==> flow/design.v <==
module alu_arith_add_top #(
   parameter integer DWIDTH = 18
) (
   input  wire clk,
   input  wire rst_n,
   input  wire [DWIDTH-1:0] op_a,
   input  wire [DWIDTH-1:0] op_b,
   input  wire [DWIDTH-1:0] op_c,
   output reg [DWIDTH+1:0] o
);
   wire [DWIDTH-1:0] nxt = op_a ^ op_b ^ op_c;
   wire [DWIDTH-1:0] chain = (op_a & op_b) | (op_a & op_c) | (op_b & op_c);
   always @(posedge clk or negedge rst_n) begin
      if (!rst_n) begin
         o <= 0;
      end else begin
         o <= nxt + {chain, 1'b0};
      end
   end
endmodule
**From RTL to reports: alu_arith_add_top**

The steps from the RTL of alu_arith_add_top to its reports follow in flow order.
Lines are those of the file above, counted from 1.
Operators carry their Yosys type and port widths (W data, S select, Z words).
Cell names lack the library's common part.
A cell with n/a has no value.

- Design top: alu_arith_add_top
- Clock input: clk
- Cell library: sky130hd
- Corner: tt_025C_1v80

**Elaborated design**

Counts by Yosys on the flattened word-level netlist (proc, flatten, opt, wreduce; memories kept). Register bits leave out memories and registers merged into their read ports (data or address); mux counts leave out enables and synchronous resets folded into registers. Print and check cells are left out. Cells with the same type and inputs are merged into one.

- Add/sub/neg operators: 1
- Bitwise gates (word level): 7

Operators with widths:

| operator | number |
|---|---|
| $and A18 B18 Y18 | 3 |
| $or A18 B18 Y18 | 2 |
| $xor A18 B18 Y18 | 2 |
| $add A18 B19 Y20 | 1 |

- Flip-flop bits (word level): 20
- Input port bits: 56
- Elaborated cells: 9

**Longest topological paths**

Longest topological path by Yosys (ltp), each cell counted once; first at word level (registers and memories cut), then after technology mapping (sequential cells cut; the memories' decode and read muxes count).

- Depth after elaboration: 4
- ABC_AREA: 0
- Depth in mapped cells: 12
- Mapped depth without buffers: 12

**Mapped cells and area**

The flow's flattened synthesis, as Yosys stat reports it; memories are mapped. The netlist is that of the ABC_AREA named above (0 if unset); the other value can give another one.
The area totals of this step are shown rounded.

- Standard cells after synthesis: 184
- Cell area after synthesis: 1,870 um^2
- Area of sequential cells: 500 um^2
- Mapped flip-flops: 20

Cell types:

| type | number | area in all (um^2) |
|---|---|---|
| dfrtp_1 | 20 | 500.48 |
| fa_1 | 19 | 380.365 |
| ha_1 | 17 | 212.704 |
| xnor2_1 | 10 | 87.584 |
| a21oi_1 | 11 | 55.053 |
| inv_1 | 14 | 52.55 |
| nand2_1 | 14 | 52.55 |
| nor2_1 | 12 | 45.043 |
| nand3_1 | 8 | 40.038 |
| a21o_1 | 4 | 30.029 |
| xor2_1 | 3 | 26.275 |
| a31oi_1 | 4 | 25.024 |
| o211ai_1 | 3 | 22.522 |
| nor3_1 | 4 | 20.019 |
| o21ai_0 | 4 | 20.019 |
| clkbuf_1 | 5 | 18.768 |
| nor2b_1 | 3 | 18.768 |
| o311ai_2 | 1 | 16.266 |

Not listed: further types 26, cells in them 28.

**Timing after synthesis**

Path of least setup slack by OpenSTA after synthesis, without wires, with an ideal clock, recovery checks aside; 20% of the period is set as input and as output delay. Where synthesis merged equal registers, the netlist keeps one of their names.

- Kind: input-to-reg
- Start point: input op_a[1]
- End point: register o[17]
- Period: 3,560 ps
- Input delay: 712 ps
- Library setup time: 79 ps
- Data arrival time: 2,913 ps
- Slack: 568 ps
- Path delay: 2,280 ps
- Stages on the path: 10
- Synthesis period reached: 2,992 ps

"path delay" = arrival - input delay + setup time.
"stages on the path" counts driving pins, that of a launching flip-flop among them; a cell with two outputs on the path counts twice.
"synthesis period reached" = period - worst setup slack (recovery checks aside). The figure is calculated, with input and output delays left at 20% of the set period.
Between the ends stands the longest chain of elaborated cells between them, by number of cells; it is not shown to be the way that was timed. Of several equally long chains one is given.
A line is the first line of the expression or statement that the cell stems from. Yosys adds cells for indexed reads and writes and turns some case tables into memories.

- Path through: fa_1 ha_1 inv_1 fa_1 and2b_1 o211ai_1 a31oi_1 nor2_1 o311ai_2 xor2_1
- Cells in the longest elaborated chain: 4

RTL lines, path post-synthesis:

| what | RTL line | text |
|---|---|---|
| start: declaration | 6 | `input  wire [DWIDTH-1:0] op_a,` |
| $and A18 B18 Y18 | 12 | `wire [DWIDTH-1:0] chain = (op_a & op_b) \| (op_a & op_c) \| (op_b & op_c);` |
| $or A18 B18 Y18 (2 in a row) | 12 |  |
| $add A18 B19 Y20 | 17 | `o <= nxt + {chain, 1'b0};` |
| end: assignment | 15 | `o <= 0;` |
| end: assignment | 17 |  |
| end: declaration | 9 | `output reg [DWIDTH+1:0] o` |

**Worst path after layout**

From the final timing report of stored run 1: the path of least setup slack in the routed layout; clock arrival at registers is part of the times.
The report prints the path's times to 10 ps; the period is as set.

- Kind: input-to-reg
- Start point: input op_a[1]
- End point: register o[19]
- Period: 3,470 ps
- Input delay: 690 ps
- Library setup time: 60 ps
- Data arrival time: 3,480 ps
- Slack: 180 ps
- Stages on the path: 11

Between the ends stands the longest chain of elaborated cells between them, by number of cells; it is not shown to be the way that was timed. Of several equally long chains one is given.

- Path through: clkdlybuf4s50_1 fa_1 ha_1 inv_1 fa_1 and2b_1 o211ai_1 a31oi_2 o211ai_2 a211oi_2 o31a_1
- Cells in the longest elaborated chain: 4

RTL lines, path post-layout:

| what | RTL line | text |
|---|---|---|
| start: declaration | 6 | `input  wire [DWIDTH-1:0] op_a,` |
| $and A18 B18 Y18 | 12 | `wire [DWIDTH-1:0] chain = (op_a & op_b) \| (op_a & op_c) \| (op_b & op_c);` |
| $or A18 B18 Y18 (2 in a row) | 12 |  |
| $add A18 B19 Y20 | 17 | `o <= nxt + {chain, 1'b0};` |
| end: assignment | 15 | `o <= 0;` |
| end: assignment | 17 |  |
| end: declaration | 9 | `output reg [DWIDTH+1:0] o` |

## Implementation results

Design alu_arith_add_top on sky130hd. What follows are 3 stored runs of the flow, each under its own settings; their order means nothing. The constraints put input and output delay at 20% of the set period each and load the outputs with 0.01 pF.
"allowed time less slack (worst setup path)": the worst setup path's part of the clock period (all of it between registers, 20% less for each end at a port) less its slack. A launch clock that arrives late makes it longer, a capture clock that arrives late makes it shorter.
"allowed time less slack (worst setup path)" is given in steps of 10 ps.
Values from the reports are rounded here.
A setting shown as - is not set for that run.
Among the results, - means that no value is shown for the run.

| name | stored run 1 | stored run 2 | stored run 3 |
|---|---|---|---|
| period_ns | 3.47 | 3.09 | 3.56 |
| CORE_UTILIZATION | 29 | 45 | 40 |
| PLACE_DENSITY_LB_ADDON | 0.18 | - | - |
| CORE_ASPECT_RATIO | 0.69 | 0.67 | - |
| CORE_MARGIN | 5 | 2 | 2 |
| CAP_MARGIN | 5 | 40 | 20 |
| MAX_ROUTING_LAYER | met4 | met4 | - |
| SLEW_MARGIN | 20 | 15 | 20 |
| SETUP_SLACK_MARGIN | - | 0.71 | - |
| HOLD_SLACK_MARGIN | - | -0.01 | - |
| CELL_PAD_IN_SITES_DETAIL_PLACEMENT | - | 1 | - |
| TNS_END_PERCENT | - | 20 | - |
| ABC_AREA | - | 1 | - |
| GPL_ROUTABILITY_DRIVEN | - | 1 | - |
| CTS_CLUSTER_SIZE | - | 17 | - |
| CTS_CLUSTER_DIAMETER | - | 154 | - |
| MIN_ROUTING_LAYER | - | met2 | - |
| allowed time less slack (worst setup path) (ps) | 2,600 | - | 2,590 |
| type of the worst setup path | input-to-reg | - | input-to-reg |
| post-route utilization (%) | 44.9 | - | 62.5 |
| total negative slack on setup checks (ps) | 0 | - | 0 |
| synthesized cell area (um^2) | 1,870 | - | 1,870 |
| area of the die (um^2) | 8,160 | - | 5,230 |
| lowest setup slack (ps) | 180 | - | 256 |
| standard-cell area after routing (um^2) | 2,820 | - | 2,760 |

Stored run 2: not finished: clock tree synthesis ended with error DPL-0033
